==> flow/design.v <==
module core_mul_v2 #(
  parameter int W = 10
) (
  input  logic i_clk,
  input  logic clk_en,
  input  logic [W-1:0] i_da,
  input  logic [W-1:0] i_db,
  input  logic [2*W-1:0] i_dc,
  output logic [2*W:0] o_out
);
  logic [W-1:0] da_reg;
  logic [W-1:0] db_reg;
  logic [2*W-1:0] dc_reg;
  logic [2*W-1:0] t_reg;
  logic [2*W-1:0] dc_reg_d;
  always_ff @(posedge i_clk) begin
    if (clk_en) begin
      da_reg <= i_da;
      db_reg <= i_db;
      dc_reg <= i_dc;
      t_reg <= da_reg * db_reg;
      dc_reg_d <= dc_reg;
      o_out <= t_reg + dc_reg_d;
    end
  end
endmodule
From RTL to reports: core_mul_v2

The steps from the RTL of core_mul_v2 to its reports follow in flow order.
Lines are those of the file above, counted from 1.
Cell names lack the library's common part.
The mark n/a stands for no value.

Top: core_mul_v2
Clock: i_clk
Library: sky130hd
Library corner: tt_025C_1v80

After elaboration

Source: Yosys, flattened and elaborated, memories not mapped. Widths are those after wreduce; folded enables and synchronous resets count as part of the registers. Registers that Yosys merges into a memory's read port (data or address) are not register bits. Print and check cells do not count. Equal cells are merged and count once.

Multiply operators: 1
Add/sub/neg operators: 1

Operator list:

| operator                     | number |
| multiplier 10 x 10 -> 20 bit | 1 |
| adder 20 x 20 -> 21 bit      | 1 |

Input bits: 42
Bits in registers: 101

Longest topological paths

Yosys ltp: most cells in a row. Word level: on the elaborated netlist, between registers, memories and ports. Mapped: between sequential cells and ports; inverters and the memories' decode and read muxes count.

Depth in word-level cells: 1
ABC_AREA: 0
Mapped depth: 19
Mapped depth without buffers: 17

After synthesis

Yosys stat after the flow's synthesis: flattened, memories mapped to cells. It holds for the ABC_AREA given above (unset counts as 0); a run with the other value may have another netlist.
Totals and module areas in this step are rounded.

Cell types:

| type     | number | area in all (sq um) |
| edfxtp_1 | 101    | 3.03E+03 |
| fa_1     | 63     | 1261.21 |
| ha_1     | 75     | 938.4 |
| and2_1   | 66     | 412.896 |
| inv_1    | 66     | 247.738 |
| nand2_1  | 61     | 228.97 |
| xnor2_1  | 19     | 166.41 |
| a21oi_1  | 32     | 160.154 |
| xor2_1   | 11     | 96.342 |
| nor2_1   | 19     | 71.318 |
| a21o_1   | 8      | 60.058 |
| o21ai_0  | 12     | 60.058 |
| nand3_1  | 11     | 55.053 |
| o21bai_1 | 6      | 45.043 |
| clkbuf_1 | 11     | 41.29 |
| nor3_1   | 8      | 40.038 |
| nand4_1  | 6      | 37.536 |
| o31ai_1  | 5      | 37.536 |

Not listed: further types 35, cells in them 68.

Standard cells after synthesis: 648
Mapped flip-flops: 101
Mapped area: 7512 sq um
Buffer cells: 17
Area of sequential cells: 3033 sq um

Worst setup path after synthesis

OpenSTA on the mapped netlist: ideal clock, no wires. The path of least setup slack (recovery checks aside). Input and output delay are each 20% of the period. Register names are those of the netlist, which keeps one name where synthesis merged equal registers.

Kind: register to register
Start point: register db_reg[3]
End point: register t_reg[12]
Launch time at the first pin: 0 ps
Stages: 19
Arrival: 4661 ps
Buffers on the path: 1
Period: 6150 ps
Data required time: 5888 ps
Setup slack: 1226 ps
Path delay: 4923 ps
Synthesis period reached: 4924 ps

"path delay" is the arrival time less input delay plus setup time.
"stages" counts driving pins, that of a launching flip-flop among them; a cell with two outputs on the path counts twice.
"synthesis period reached" is the clock period less the worst setup slack; recovery checks do not enter. This is arithmetic on one report: input and output delays are still those of the set period (20% each).
Between the ends stands the longest chain of elaborated cells between them, by number of cells; it is not shown to be the way that was timed. Of several equally long chains one is given.
A line is the first line of the expression or statement that the cell stems from. Yosys adds cells for indexed reads and writes and turns some case tables into memories.

Cells stage by stage: edfxtp_1 -> clkbuf_1 -> nand2_1 -> fa_1 -> inv_1 -> fa_1 -> inv_1 -> fa_1 -> inv_1 -> fa_1 -> inv_1 -> fa_1 -> inv_1 -> ha_1 -> a2111o_1 -> a31oi_1 -> o21ba_2 -> o21bai_1 -> xor2_1
Cells in the longest elaborated chain: 1
Elaborated cells on any way between the ends: 1
Source lines of those cells: 1
Those cells by class: 1 x mul

RTL lines, path after synthesis:

| what                         | line | text |
| from (decl)                  | 12   | `logic [W-1:0] db_reg;` |
| from (assign)                | 19   | `db_reg <= i_db;` |
| multiplier 10 x 10 -> 20 bit | 21   | `t_reg <= da_reg * db_reg;` |
| to (assign)                  | 21   |  |
| to (decl)                    | 14   | `logic [2*W-1:0] t_reg;` |

Worst path after layout

Path of least setup slack in the final report of run A (OpenROAD, finished layout, wires in). Where an end is a register, its clock arrival counts in the times.
The report prints the path's times to 10 ps; the period is as set.

Kind: register to register
Start point: register da_reg[1]
End point: register t_reg[12]
Launch time at the first pin: 350 ps
Arrival: 5330 ps
Stages: 17
Buffers on the path: 0
Data required time: 8840 ps
Period: 8740 ps
Setup slack: 3510 ps

Between the ends stands the longest chain of elaborated cells between them, by number of cells; it is not shown to be the way that was timed. Of several equally long chains one is given.

Cells stage by stage: edfxtp_1 -> and2_1 -> fa_1 -> fa_1 -> inv_1 -> fa_1 -> inv_1 -> fa_1 -> inv_1 -> fa_1 -> inv_1 -> ha_1 -> a2111o_1 -> a31oi_1 -> o21ba_2 -> o21bai_1 -> xor2_1
Cells in the longest elaborated chain: 1
Elaborated cells on any way between the ends: 1
Source lines of those cells: 1
Those cells by class: 1 x mul

RTL lines, path post-layout:

| what                         | line | text |
| from (decl)                  | 11   | `logic [W-1:0] da_reg;` |
| from (assign)                | 18   | `da_reg <= i_da;` |
| multiplier 10 x 10 -> 20 bit | 21   | `t_reg <= da_reg * db_reg;` |
| to (assign)                  | 21   |  |
| to (decl)                    | 14   | `logic [2*W-1:0] t_reg;` |

Add stored flow runs of core_mul_v2

Measured data: module core_mul_v2, platform sky130hd, 2 stored runs of the flow under differing settings, order arbitrary. Input and output delays are each 20% of the period that was set; the output load is 0.01 pF.
"achieved period": clock period set for the run, less the worst setup slack. It is reckoned from that one timing run; input and output delays stay at 20% of the period that was set.
"critical path time" means the part of the period allowed to the worst setup path (the constraints hold back 20% at inputs and 20% at outputs) less its slack; where the path has registers, the arrival times of their clocks count too.
"overall power": no workload was simulated; the value follows from the tool's default switching activity.
"critical path time" is given in steps of 10 ps.
Results are given in rounded form.
A setting shown as n/a is not set for that run.

| name                                     | run A                | run B                |
| period_ns                                | 8.74                 | 6.15                 |
| CORE_UTILIZATION                         | 33                   | 40                   |
| SETUP_SLACK_MARGIN                       | -0.53                | n/a                  |
| PLACE_DENSITY_LB_ADDON                   | 0.12                 | n/a                  |
| CORE_ASPECT_RATIO                        | 1.0                  | n/a                  |
| CTS_CLUSTER_DIAMETER                     | 352                  | n/a                  |
| CAP_MARGIN                               | 15                   | 20                   |
| SLEW_MARGIN                              | 25                   | 20                   |
| MAX_ROUTING_LAYER                        | met5                 | n/a                  |
| CORE_MARGIN                              | 2                    | 2                    |
| die footprint (sq um)                    | 23990                | 19890                |
| standard-cell area after routing (sq um) | 8700                 | 8661                 |
| critical path time (ps)                  | 5230                 | 5190                 |
| critical path kind                       | register to register | register to register |
| overall power (mW)                       | 3.216                | 4.525                |
| utilization in the final report          | 0.387                | 0.466                |
| post-route setup TNS (ps)                | 0                    | 0                    |
| achieved period (ps)                     | 5234                 | 5188                 |
| mapped cell area after synthesis (sq um) | 7512                 | 7512                 |
| post-route worst hold slack (ps)         | 420                  | 418                  |
| setup slack of the worst path (ps)       | 3506                 | 962                  |
